==> flow/design.v <==
module my_addsub #(
    parameter integer W = 14
) (
    input  wire clk,
    input  wire [W-1:0] in0,
    input  wire subtract,
    output reg [W-1:0] result
);
    always @(posedge clk) begin
        result <= subtract ? -in0 : in0;
    end
endmodule
Tool chain data of my_addsub
Module my_addsub in several versions that differ in "W"; each step lists the members.
The file above is the member W 14. Line numbers count from 1 in each member's own file.
Library cell names are shortened.
The mark -- stands for no value.

set-up
  top module = my_addsub
  clock port = clk
  cell library = sky130hd
  timing corner = tt_025C_1v80

Members of the sweep
Lines of each other member's file that are new or changed against the file above; lines that a member lacks are not shown.

new or changed lines
  W    line  source
  20   2     parameter integer W = 20
  56   2     parameter integer W = 56
  112  2     parameter integer W = 112

Word-level counts
Yosys after proc, flatten, opt, wreduce and memory -nomap, before mapping. Enables and synchronous resets that opt folds into registers are not counted as muxes. Memory bits, and registers merged into a memory's read port (data or address), are not among the register bits. Print and check cells are not counted. Equal cells are merged and count once.

bit counts
  W    bits of input ports  output and inout bits  register bits after elaboration  cells after elaboration
  14   16                   14                     14                               3
  20   22                   20                     20                               3
  56   58                   56                     56                               3
  112  114                  112                    112                              3

cells by class
  W    muxes and demuxes  add/sub/neg operators
  14   1                  1
  20   1                  1
  56   1                  1
  112  1                  1

operator list
  W    kind and count
  14   1 x 14-bit negation; 1 x 14-bit 2-to-1 mux
  20   1 x 20-bit negation; 1 x 20-bit 2-to-1 mux
  56   1 x 56-bit negation; 1 x 56-bit 2-to-1 mux
  112  1 x 112-bit negation; 1 x 112-bit 2-to-1 mux

Longest topological paths
Depth = most cells in a row (Yosys ltp): at word level without a register or memory, in the mapped netlist without a sequential cell, where the memories' decode and read muxes count.

depth
  W    word-level depth  ABC_AREA  mapped depth  mapped depth without buffers
  14   2                 0         5             5
  20   2                 0         6             6
  56   2                 0         8             7
  112  2                 0         8             8

Synthesis result
Source: synth_stat.txt of the flow (Yosys; design flattened, memories mapped). It holds for the ABC_AREA given above (unset counts as 0); a run with the other value may have another netlist.

synthesis totals
  W    sequential area (mm²)  cell area after synthesis (mm²)  buffer cells  mapped cells  flip-flops
  14   0.0002803              0.000573                         2             51            14
  20   0.0004004              0.0008283                        2             83            20
  56   0.0011211              0.0024949                        8             242           56
  112  0.0022422              0.0052663                        14            545           112

cell types
  W    type and count
  14   14 x dfxtp_1; 12 x xnor2_1; 5 x o31ai_1; 2 x o41ai_2; 2 x or4_4; 3 x o21ai_0; 1 x ha_1; 1 x o41ai_1; 1 x or3b_2; 2 x inv_1; 2 x nand2_1; 1 x or3_2; 1 x nand2b_1; 1 x or2_2; 1 x or3_1; 1 x buf_2; 1 x buf_1
  20   20 x dfxtp_1; 11 x xnor2_1; 7 x xor2_1; 5 x nor4_1; 6 x o21ai_0; 6 x nand2_1; 3 x o31ai_1; 2 x a31oi_1; 1 x ha_1; 2 x nand2b_1; 3 x inv_1; 1 x or3_4; 1 x or4_4; 1 x nand4b_1; 1 x o21ai_2; 1 x o41ai_1; 2 x clkbuf_1; 1 x nand3b_1; (+9)
  56   56 x dfxtp_1; 54 x xnor2_1; 13 x o31ai_1; 21 x nand2_1; 9 x o41ai_1; 15 x o21ai_0; 11 x or3_1; 4 x o41ai_2; 7 x or4_1; 2 x nor4_4; 8 x nor2_1; 1 x o41ai_4; 2 x or4b_4; 5 x nor3_1; 4 x nor4_1; 1 x nor4b_4; 6 x clkbuf_1; 4 x nand3_1; (+19)
  112  112 x dfxtp_1; 109 x xnor2_1; 58 x nand2_1; 25 x o31ai_1; 32 x o21ai_0; 35 x nor2_1; 6 x nor4_4; 12 x o41ai_1; 20 x nor3_1; 19 x nand3_1; 13 x nand4_1; 5 x o41ai_2; 12 x nor4_1; 5 x nor4_2; 9 x or3_1; 6 x or4_1; 11 x clkbuf_1; 4 x nor3_2; (+52)

The mark (+n) counts cells that are not listed.

Timing after synthesis
OpenSTA on the mapped netlist: ideal clock, no wires. The path of least setup slack (recovery checks aside). Input and output delay are each 20% of the period. Register names are those of the netlist, which keeps one name where synthesis merged equal registers.

timing after synthesis
  W    path kind  from                to                    driving pins on the path  setup slack (ns)  path delay (ns)  clock period (ns)  synthesis period reached (ns)
  14   in2reg     input port in0[1]   register result[12]   5                         0.308             1.227            1.92               1.612
  20   in2reg     input port in0[10]  register result[16]   4                         0.293             1.179            1.84               1.547
  56   in2reg     input port in0[1]   register result[44]   8                         0.458             1.822            2.85               2.392
  112  in2reg     input port in0[88]  register result[106]  6                         0.433             1.735            2.71               2.277

"path delay" = arrival - input delay + setup time.
"driving pins on the path" counts driving pins, that of a launching flip-flop among them; a cell with two outputs on the path counts twice.
"synthesis period reached" = period - worst setup slack (recovery checks aside). The figure is calculated, with input and output delays left at 20% of the set period.
Between the ends stands the longest chain of elaborated cells between them, by number of cells; it is not shown to be the way that was timed. Of several equally long chains one is given.
Each line given opens the expression or statement behind the cell; cells for indexed reads and writes are added by Yosys, which also makes memories of some case tables.

on the way, after synthesis, W 14
  length of the longest elaborated chain = 2

RTL lines, path after synthesis, W 14
  what                line  source
  start: declaration  5     input  wire [W-1:0] in0,
  14-bit negation     10    result <= subtract ? -in0 : in0;
  14-bit 2-to-1 mux   10
  end: assignment     10
  end: declaration    7     output reg [W-1:0] result

on the way, after synthesis, W 112
  length of the longest elaborated chain = 2

RTL lines, path after synthesis, W 112
  what                line  source
  start: declaration  5     input  wire [W-1:0] in0,
  112-bit negation    10    result <= subtract ? -in0 : in0;
  112-bit 2-to-1 mux  10
  end: assignment     10
  end: declaration    7     output reg [W-1:0] result

Worst path after layout
Path of least setup slack in the final report of each member's run (OpenROAD, finished layout, wires in). Where an end is a register, its clock arrival counts in the times.

timing after layout
  W    path kind  from                to                   arrival (ns)  clock period (ns)  setup slack (ns)  driving pins on the path  buffers on the path
  14   in2reg     input port in0[1]   register result[10]  2.01          1.92               0.12              6                         1
  20   in2reg     input port in0[10]  register result[16]  1.99          1.84               0.08              5                         1
  56   in2reg     input port in0[1]   register result[52]  2.93          2.85               0.16              9                         2
  112  in2reg     input port in0[12]  register result[63]  2.86          2.71               0.13              9                         3

Measured runs
One run of the flow (Yosys, OpenROAD) for each member, with settings and measured results. Input and output delays are each 20% of the period that was set; the output load is 0.01 pF.

flow settings
  CAP_MARGIN = 20
  CORE_MARGIN = 2
  CORE_UTILIZATION = 40
  SLEW_MARGIN = 20

settings that differ
  W    period_ns
  14   1.92
  20   1.84
  56   2.85
  112  2.71

final reports
  W    overall die area (mm²)  final setup TNS (ns)  area of the synthesized netlist (mm²)  smallest setup slack (ns)  power (mW)  post-route utilization (%)  standard-cell area after routing (mm²)
  14   0.0017514               0.000                 0.000573                               0.121                      0.7214      74.7                        0.0009847
  20   0.0024508               0.000                 0.0008283                              0.078                      1.138       76.7                        0.0015052
  56   0.0068849               0.000                 0.0024949                              0.160                      1.823       68.9                        0.0041277
  112  0.0140992               0.000                 0.0052663                              0.131                      4.561       73.5                        0.0093552

By "power" is meant OpenSTA's value without simulated activity: inputs other than the clock are taken to toggle once in ten clock periods, and the tool carries that through the logic.
